==> flow/design.v <==
module dp_sub_unit_mod #(
  parameter integer W = 4
) (
  input wire clk,
  input wire clr,
  input wire [W-1:0] u_i,
  input wire [W-1:0] v_i,
  output reg [W:0] res_o,
  output reg [W:0] diff_o
);
  always @(posedge clk) begin
    if (clr) begin
      res_o <= 0;
      diff_o <= 0;
    end else begin
      res_o <= u_i + v_i;
      diff_o <= u_i - v_i;
    end
  end
endmodule
From RTL to reports: dp_sub_unit_mod
What the tools print for dp_sub_unit_mod, step after step.
Line numbers count from 1 in the design file above.
Operators carry their Yosys type and port widths (W data, S select, Z words).
Not given: --
Inputs
  design top: dp_sub_unit_mod
  clock port: clk
  library: sky130hd
  corner: tt_025C_1v80

Elaborated design
Yosys after proc, flatten, opt, wreduce and memory -nomap, before mapping. Enables and synchronous resets that opt folds into registers are not counted as muxes. Memory bits, and registers merged into a memory's read port (data or address), are not among the register bits. Print and check cells are not counted. Equal cells are merged and count once.
Storage and ports
  bits of input ports: 10
  elaborated cells: 4
  output and inout bits: 10
  register bits: 10
Operators by class
  $add $sub $neg: 2
Operator list (number)
  $add A4 B4 Y5: 1
  $sub A4 B4 Y5: 1

Depth
Depth = most cells in a row (Yosys ltp): at word level without a register or memory, in the mapped netlist without a sequential cell, where the memories' decode and read muxes count.
Depth
  depth in word-level cells: 1
  ABC_AREA: 0
  gate-level depth with buffers: 6
  mapped depth without buffers: 6

After synthesis
Source: synth_stat.txt of the flow (Yosys; design flattened, memories mapped). It holds for the ABC_AREA given above (unset counts as 0); a run with the other value may have another netlist.
Totals and module areas in this step are rounded.
Cell types
  sky130_fd_sc_hd__dfxtp_1: number 9, total area 180.173 µm²
  sky130_fd_sc_hd__ha_1: number 8, total area 100.096 µm²
  sky130_fd_sc_hd__fa_1: number 2, total area 40.038 µm²
  sky130_fd_sc_hd__inv_1: number 6, total area 22.522 µm²
  sky130_fd_sc_hd__mux2i_1: number 2, total area 20.019 µm²
  sky130_fd_sc_hd__a221oi_2: number 1, total area 15.014 µm²
  sky130_fd_sc_hd__and2b_1: number 2, total area 15.014 µm²
  sky130_fd_sc_hd__nor2_1: number 4, total area 15.014 µm²
  sky130_fd_sc_hd__nor3_1: number 3, total area 15.014 µm²
  sky130_fd_sc_hd__nor2b_1: number 2, total area 12.512 µm²
  sky130_fd_sc_hd__a21oi_1: number 2, total area 10.01 µm²
  sky130_fd_sc_hd__buf_4: number 1, total area 7.507 µm²
  sky130_fd_sc_hd__o21a_1: number 1, total area 7.507 µm²
  sky130_fd_sc_hd__o21bai_1: number 1, total area 7.507 µm²
  sky130_fd_sc_hd__nand2b_1: number 1, total area 6.256 µm²
  sky130_fd_sc_hd__or2_2: number 1, total area 6.256 µm²
  sky130_fd_sc_hd__buf_2: number 1, total area 5.005 µm²
  sky130_fd_sc_hd__o21ai_0: number 1, total area 5.005 µm²
Not listed: further types 2, cells in them 2.
Mapped netlist
  standard cells after synthesis: 50
  cell area after synthesis: 500 µm²
  buffers: 2
  sequential area: 180 µm²
  flip-flop cells: 9

Worst setup path after synthesis
OpenSTA on the mapped netlist: ideal clock, no wires. The path of least setup slack (recovery checks aside). Input and output delay are each 20% of the period. Register names are those of the netlist, which keeps one name where synthesis merged equal registers.
Timing post-synthesis
  path type: input -> register
  start point: input port u_i[0]
  end point: register res_o[4]
  setup time: 118 ps
  external input delay: 326 ps
  time at the first pin: 326 ps
  clock period: 1630 ps
  data arrival time: 1252 ps
  path buffers: 0
  stages: 5
  setup slack: 260 ps
  data required time: 1512 ps
  delay of the path: 1044 ps
  synthesis period reached: 1370 ps
"delay of the path" = arrival - input delay + setup time.
"stages": output pins that drive a net of the path, with the launching flip-flop's if there is one; two outputs of one cell count as two.
"synthesis period reached" = period - worst setup slack (recovery checks aside). The figure is calculated, with input and output delays left at 20% of the set period.
Between the ends stands the longest chain of elaborated cells between them, by number of cells; it is not shown to be the way that was timed. Of several equally long chains one is given.
A line is the first line of the expression or statement that the cell stems from. Yosys adds cells for indexed reads and writes and turns some case tables into memories.
Between the ends, post-synthesis
  cells stage by stage: sky130_fd_sc_hd__ha_1 > sky130_fd_sc_hd__fa_1 > sky130_fd_sc_hd__and2b_1 > sky130_fd_sc_hd__o21bai_1 > sky130_fd_sc_hd__a21oi_1
  cells in the longest elaborated chain: 1
  elaborated cells on any way between the ends: 1
  RTL lines with such cells: 1
  those cells by class: add/sub (1)
RTL lines, path post-synthesis
  start: declaration: RTL line 6  | input wire [W-1:0] u_i,
  $add A4 B4 Y5: RTL line 16  | res_o <= u_i + v_i;
  end: assignment: RTL line 13  | res_o <= 0;
  end: assignment: RTL line 16
  end: declaration: RTL line 8  | output reg [W:0] res_o,

Path in the finished layout
Path of least setup slack in the final report of flow run 2 (OpenROAD, finished layout, wires in). Where an end is a register, its clock arrival counts in the times.
The path's times are printed in steps of 10 ps; the period is the one set.
Timing after layout
  path type: input -> register
  start point: input port u_i[0]
  end point: register diff_o[4]
  data required time: 1780 ps
  setup time: 100 ps
  stages: 7
  external input delay: 330 ps
  setup slack: 60 ps
  time at the first pin: 330 ps
  path buffers: 1
  clock period: 1630 ps
  data arrival time: 1730 ps
Between the ends stands the longest chain of elaborated cells between them, by number of cells; it is not shown to be the way that was timed. Of several equally long chains one is given.
Between the ends, after layout
  cells stage by stage: sky130_fd_sc_hd__clkdlybuf4s50_1 > sky130_fd_sc_hd__inv_1 > sky130_fd_sc_hd__ha_2 > sky130_fd_sc_hd__fa_2 > sky130_fd_sc_hd__nor2b_2 > sky130_fd_sc_hd__o21a_1 > sky130_fd_sc_hd__nor3_1
  cells in the longest elaborated chain: 1
  elaborated cells on any way between the ends: 1
  RTL lines with such cells: 1
  those cells by class: add/sub (1)
RTL lines, path after layout
  start: declaration: RTL line 6  | input wire [W-1:0] u_i,
  $sub A4 B4 Y5: RTL line 17  | diff_o <= u_i - v_i;
  end: assignment: RTL line 14  | diff_o <= 0;
  end: assignment: RTL line 17
  end: declaration: RTL line 9  | output reg [W:0] diff_o

## Implementation results

3 stored runs of dp_sub_unit_mod in the flow (synthesis by Yosys, layout by OpenROAD, sky130hd cells), in arbitrary order. Constraints: input delay and output delay 20% of the set period each, output load 0.01 pF.
By "worst setup path time" is meant the share of the clock period that the worst setup path is allowed (20% is reserved at inputs, 20% at outputs), minus its slack. Clock arrival times at its registers enter into it.
By "power" is meant OpenSTA's value without simulated activity: inputs other than the clock are taken to toggle once in ten clock periods, and the tool carries that through the logic.
"worst setup path time" is given in steps of 10 ps.
The measured numbers are rounded.
[flow run 1] settings: period_ns=1.19, CORE_UTILIZATION=68, PLACE_DENSITY_LB_ADDON=0.26, CORE_MARGIN=2, CELL_PAD_IN_SITES_GLOBAL_PLACEMENT=1, ABC_AREA=1, GPL_TIMING_DRIVEN=1, GPL_ROUTABILITY_DRIVEN=1, CTS_CLUSTER_SIZE=67, CAP_MARGIN=30, SLEW_MARGIN=20
[flow run 1] result: did not finish, floorplanning stopped with PDN-0185
[flow run 2] settings: period_ns=1.63, CAP_MARGIN=20, CORE_MARGIN=2, CORE_UTILIZATION=40, SLEW_MARGIN=20
[flow run 2] result: chip area after synthesis (Yosys) 500 µm², die area 1500 µm², utilization 0.7, worst setup slack after layout 55 ps, total negative slack 0 ps, worst hold slack 580 ps, power 0.61 mW, worst setup path time 1250 ps, worst setup path kind input -> register
[flow run 3] settings: period_ns=2.55, CORE_UTILIZATION=71, SETUP_SLACK_MARGIN=0.67, PLACE_DENSITY=0.46, HOLD_SLACK_MARGIN=-0.05, CORE_MARGIN=2, CELL_PAD_IN_SITES_GLOBAL_PLACEMENT=2, GPL_TIMING_DRIVEN=0, GPL_ROUTABILITY_DRIVEN=1, CAP_MARGIN=35, MAX_ROUTING_LAYER=met5, SLEW_MARGIN=20
[flow run 3] result: did not finish, floorplanning stopped with PDN-0185
